==> flow/design.v <==
module my_summer_rtl #(
   parameter integer BITS = 80
) (
   input logic clock,
   input logic srst,
   input logic [BITS-1:0] in_dataa,
   input logic [BITS-1:0] in_datab,
   input logic in_carry_in,
   output logic [BITS-1:0] out_s,
   output logic out_ovf
);
   logic [BITS-1:0] dataa_reg;
   logic [BITS-1:0] datab_reg;
   logic carry_in_reg;
   logic [BITS-1:0] tmp;
   logic [BITS:0] c;
   assign c[0] = carry_in_reg;
   for (genvar gi = 0; gi < BITS; gi++) begin : row
      assign tmp[gi] = dataa_reg[gi] ^ datab_reg[gi] ^ c[gi];
      assign c[gi+1] = (dataa_reg[gi] & datab_reg[gi]) | (c[gi] & (dataa_reg[gi] ^ datab_reg[gi]));
   end
   assign out_s = tmp;
   assign out_ovf = c[BITS];
   always_ff @(posedge clock or posedge srst) begin
      if (srst) begin
         dataa_reg <= 0;
         datab_reg <= 0;
         carry_in_reg <= 1'b0;
      end else begin
         dataa_reg <= in_dataa;
         datab_reg <= in_datab;
         carry_in_reg <= in_carry_in;
      end
   end
endmodule
* Reports on my_summer_rtl
What the tools print for my_summer_rtl, step after step.
Line numbers count from 1 in the design file above.
Operators carry their Yosys type and port widths (W data, S select, Z words).
The mark -- stands for no value.
- Top :: my_summer_rtl
- Clock input :: clock
- Cell library :: sky130hd
- Timing corner :: tt_025C_1v80

* After elaboration
Counts by Yosys on the flattened word-level netlist (proc, flatten, opt, wreduce; memories kept). Register bits leave out memories and registers merged into their read ports (data or address); mux counts leave out enables and synchronous resets folded into registers. Print and check cells are left out. Cells with the same type and inputs are merged into one.
- Flip-flop bits (word level) :: 161
- Input port bits :: 163
- Output and inout bits :: 81
- Word-level cells :: 403
- Bitwise gates (word level) :: 400
** Operators by type and width (count)
- $and A1 B1 Y1 :: 160
- $xor A1 B1 Y1 :: 160
- $or A1 B1 Y1 :: 80

* Longest topological paths
Yosys ltp: most cells in a row. Word level: on the elaborated netlist, between registers, memories and ports. Mapped: between sequential cells and ports; inverters and the memories' decode and read muxes count.
- Word-level depth :: 161
- ABC_AREA :: 0
- Mapped depth :: 84
- Depth with buffers taken out :: 84

* Netlist
Source: synth_stat.txt of the flow (Yosys; design flattened, memories mapped). It holds for the ABC_AREA given above (unset counts as 0); a run with the other value may have another netlist.
The area totals of this step are shown rounded.
** Cell types (count)
- sky130_fd_sc_hd__dfrtp_1 :: 161
- sky130_fd_sc_hd__fa_1 :: 80
- sky130_fd_sc_hd__inv_1 :: 11
- Standard cells after synthesis :: 252
- Synthesis area :: 5672 µm²
- Area of sequential cells :: 4029 µm²
- Flip-flops :: 161

* Path before layout
Source: OpenSTA report_checks on the synthesized netlist (no wires, ideal clock, input and output delay 20% of the period each), path of least setup slack; recovery checks are left aside. Register names are those of the netlist, which keeps one name where synthesis merged equal registers.
- Path kind :: reg-to-output
- Start point :: reg dataa_reg[0]
- End point :: out out_s[79]
- Clock period :: 48.1 ns
- External output delay :: 9.620 ns
- Launch time at the first pin :: 0.000 ns
- Arrival time :: 30.782 ns
- Path slack :: 7.698 ns
- Path delay :: 30.782 ns
- Stages :: 85
- Synthesis period reached :: 40.402 ns
"path delay" is the arrival time less input delay plus setup time.
A path that ends at an output port has no setup time.
"stages": output pins that drive a net of the path, with the launching flip-flop's if there is one; two outputs of one cell count as two.
"synthesis period reached" = period - worst setup slack (recovery checks aside). The figure is calculated, with input and output delays left at 20% of the set period.
Between the ends stands the longest chain of elaborated cells between them, by number of cells; it is not shown to be the way that was timed. Of several equally long chains one is given.
Each line given opens the expression or statement behind the cell; cells for indexed reads and writes are added by Yosys, which also makes memories of some case tables.
- Path through :: sky130_fd_sc_hd__dfrtp_1 > sky130_fd_sc_hd__fa_1 > sky130_fd_sc_hd__fa_1 > sky130_fd_sc_hd__fa_1 > sky130_fd_sc_hd__fa_1 > sky130_fd_sc_hd__fa_1 > sky130_fd_sc_hd__fa_1 > sky130_fd_sc_hd__fa_1 > sky130_fd_sc_hd__fa_1 > sky130_fd_sc_hd__fa_1 > sky130_fd_sc_hd__fa_1 > sky130_fd_sc_hd__fa_1 > sky130_fd_sc_hd__fa_1 > sky130_fd_sc_hd__fa_1 > sky130_fd_sc_hd__fa_1 > sky130_fd_sc_hd__fa_1 > sky130_fd_sc_hd__fa_1 > sky130_fd_sc_hd__fa_1 > [... 49 more ...] > sky130_fd_sc_hd__fa_1 > sky130_fd_sc_hd__fa_1 > sky130_fd_sc_hd__fa_1 > sky130_fd_sc_hd__fa_1 > sky130_fd_sc_hd__fa_1 > sky130_fd_sc_hd__fa_1 > sky130_fd_sc_hd__fa_1 > sky130_fd_sc_hd__fa_1 > sky130_fd_sc_hd__fa_1 > sky130_fd_sc_hd__fa_1 > sky130_fd_sc_hd__fa_1 > sky130_fd_sc_hd__inv_1 > sky130_fd_sc_hd__fa_1 > sky130_fd_sc_hd__inv_1 > sky130_fd_sc_hd__fa_1 > sky130_fd_sc_hd__inv_1 > sky130_fd_sc_hd__fa_1 > sky130_fd_sc_hd__inv_1
- Cells in the longest elaborated chain :: 160
- Elaborated cells on any way between the ends :: 161
** RTL lines, path after synthesis
- start, declared :: line 12 : logic [BITS-1:0] dataa_reg;
- start, assigned :: line 26 : dataa_reg <= 0;
- start, assigned :: line 30 : dataa_reg <= in_dataa;
- $xor A1 B1 Y1 :: line 20 : assign c[gi+1] = (dataa_reg[gi] & datab_reg[gi]) | (c[gi] & (dataa_reg[gi] ^ datab_reg[gi]));
- $and A1 B1 Y1 :: line 20
- $or A1 B1 Y1 :: line 20
- $and A1 B1 Y1 :: line 20
- $or A1 B1 Y1 :: line 20
- $and A1 B1 Y1 :: line 20
- $or A1 B1 Y1 :: line 20
- [... 146 more ...]
- $and A1 B1 Y1 :: line 20
- $or A1 B1 Y1 :: line 20
- $and A1 B1 Y1 :: line 20
- $or A1 B1 Y1 :: line 20
- $and A1 B1 Y1 :: line 20
- $or A1 B1 Y1 :: line 20
- $xor A1 B1 Y1 :: line 19 : assign tmp[gi] = dataa_reg[gi] ^ datab_reg[gi] ^ c[gi];
- end, declared :: line 9 : output logic [BITS-1:0] out_s,

* Timing after layout
Path of least setup slack in the final report of entry B (OpenROAD, finished layout, wires in). Where an end is a register, its clock arrival counts in the times.
- Path kind :: reg-to-output
- Start point :: reg dataa_reg[0]
- End point :: out out_s[79]
- Clock period :: 67.6 ns
- External output delay :: 13.52 ns
- Launch time at the first pin :: 0.43 ns
- Arrival time :: 33.81 ns
- Path slack :: 20.27 ns
- Stages :: 86
Between the ends stands the longest chain of elaborated cells between them, by number of cells; it is not shown to be the way that was timed. Of several equally long chains one is given.
- Path through :: sky130_fd_sc_hd__dfrtp_1 > sky130_fd_sc_hd__fa_1 > sky130_fd_sc_hd__fa_1 > sky130_fd_sc_hd__fa_1 > sky130_fd_sc_hd__fa_1 > sky130_fd_sc_hd__fa_1 > sky130_fd_sc_hd__fa_1 > sky130_fd_sc_hd__fa_1 > sky130_fd_sc_hd__fa_1 > sky130_fd_sc_hd__fa_1 > sky130_fd_sc_hd__fa_1 > sky130_fd_sc_hd__fa_1 > sky130_fd_sc_hd__fa_1 > sky130_fd_sc_hd__fa_1 > sky130_fd_sc_hd__fa_1 > sky130_fd_sc_hd__fa_1 > sky130_fd_sc_hd__fa_1 > sky130_fd_sc_hd__fa_1 > [... 50 more ...] > sky130_fd_sc_hd__fa_1 > sky130_fd_sc_hd__fa_1 > sky130_fd_sc_hd__fa_1 > sky130_fd_sc_hd__fa_1 > sky130_fd_sc_hd__fa_1 > sky130_fd_sc_hd__fa_1 > sky130_fd_sc_hd__fa_1 > sky130_fd_sc_hd__fa_1 > sky130_fd_sc_hd__fa_1 > sky130_fd_sc_hd__fa_1 > sky130_fd_sc_hd__inv_1 > sky130_fd_sc_hd__fa_1 > sky130_fd_sc_hd__inv_1 > sky130_fd_sc_hd__fa_1 > sky130_fd_sc_hd__inv_1 > sky130_fd_sc_hd__fa_1 > sky130_fd_sc_hd__inv_1 > sky130_fd_sc_hd__clkdlybuf4s50_1
- Cells in the longest elaborated chain :: 160
- Elaborated cells on any way between the ends :: 161
** RTL lines, path post-layout
- start, declared :: line 12 : logic [BITS-1:0] dataa_reg;
- start, assigned :: line 26 : dataa_reg <= 0;
- start, assigned :: line 30 : dataa_reg <= in_dataa;
- $xor A1 B1 Y1 :: line 20 : assign c[gi+1] = (dataa_reg[gi] & datab_reg[gi]) | (c[gi] & (dataa_reg[gi] ^ datab_reg[gi]));
- $and A1 B1 Y1 :: line 20
- $or A1 B1 Y1 :: line 20
- $and A1 B1 Y1 :: line 20
- $or A1 B1 Y1 :: line 20
- $and A1 B1 Y1 :: line 20
- $or A1 B1 Y1 :: line 20
- [... 146 more ...]
- $and A1 B1 Y1 :: line 20
- $or A1 B1 Y1 :: line 20
- $and A1 B1 Y1 :: line 20
- $or A1 B1 Y1 :: line 20
- $and A1 B1 Y1 :: line 20
- $or A1 B1 Y1 :: line 20
- $xor A1 B1 Y1 :: line 19 : assign tmp[gi] = dataa_reg[gi] ^ datab_reg[gi] ^ c[gi];
- end, declared :: line 9 : output logic [BITS-1:0] out_s,

Data sheet: physical implementation of my_summer_rtl

Module my_summer_rtl, platform sky130hd: 3 stored runs of the flow (Yosys, OpenROAD) with differing settings, in no particular order. Input and output delays are each 20% of the period that was set; the output load is 0.01 pF.
"reached clock period" = clock period - worst setup slack. The figure is calculated, with input and output delays left at 20% of the set period.
"allowed time less slack (worst setup path)" = time allowed to the worst setup path (clock period - input delay - output delay, where it has them) - its slack; a late launch clock adds to it, a late capture clock takes from it.
By "power" is meant OpenSTA's value without simulated activity: inputs other than the clock are taken to toggle once in ten clock periods, and the tool carries that through the logic.
The measured numbers are rounded.

** Entry A
- Settings :: period_ns=31.4; CORE_UTILIZATION=70; PLACE_DENSITY_LB_ADDON=0.27; CELL_PAD_IN_SITES_GLOBAL_PLACEMENT=1; ABC_AREA=0; CTS_CLUSTER_SIZE=67; SLEW_MARGIN=40; MAX_ROUTING_LAYER=met5; CAP_MARGIN=20; CORE_MARGIN=2
- Outcome :: unfinished; error FLW-0024 in placement

** Entry B
- Settings :: period_ns=67.6; CORE_UTILIZATION=18; SETUP_SLACK_MARGIN=5.0; PLACE_DENSITY_LB_ADDON=0.14; CORE_ASPECT_RATIO=0.59; CELL_PAD_IN_SITES_DETAIL_PLACEMENT=0; GPL_TIMING_DRIVEN=0; CTS_CLUSTER_SIZE=75; CTS_CLUSTER_DIAMETER=184; SLEW_MARGIN=30; CAP_MARGIN=20; CORE_MARGIN=2
- Setup TNS :: 0.000 ns
- Setup slack of the worst path :: 20.27 ns
- Full die area :: 32990 µm²
- Area of the synthesized netlist :: 5672 µm²
- Reached clock period :: 47.329 ns
- Allowed time less slack (worst setup path) :: 33.81 ns
- Critical path type :: reg-to-output
- Power :: 0.0002519 W
- Standard-cell area after layout :: 9244 µm²
- Utilization after layout :: 30.1 %

** Entry C
- Settings :: period_ns=48.1; CAP_MARGIN=20; CORE_MARGIN=2; CORE_UTILIZATION=40; SLEW_MARGIN=20
- Area of the synthesized netlist :: 5672 µm²
- Allowed time less slack (worst setup path) :: 33.10 ns
- Critical path type :: reg-to-output
- Full die area :: 15150 µm²
- Standard-cell area after layout :: 9021 µm²
- Setup TNS :: 0.000 ns
- Setup slack of the worst path :: 5.381 ns
- Utilization after layout :: 65.0 %
- Power :: 0.0003652 W
- Reached clock period :: 42.719 ns
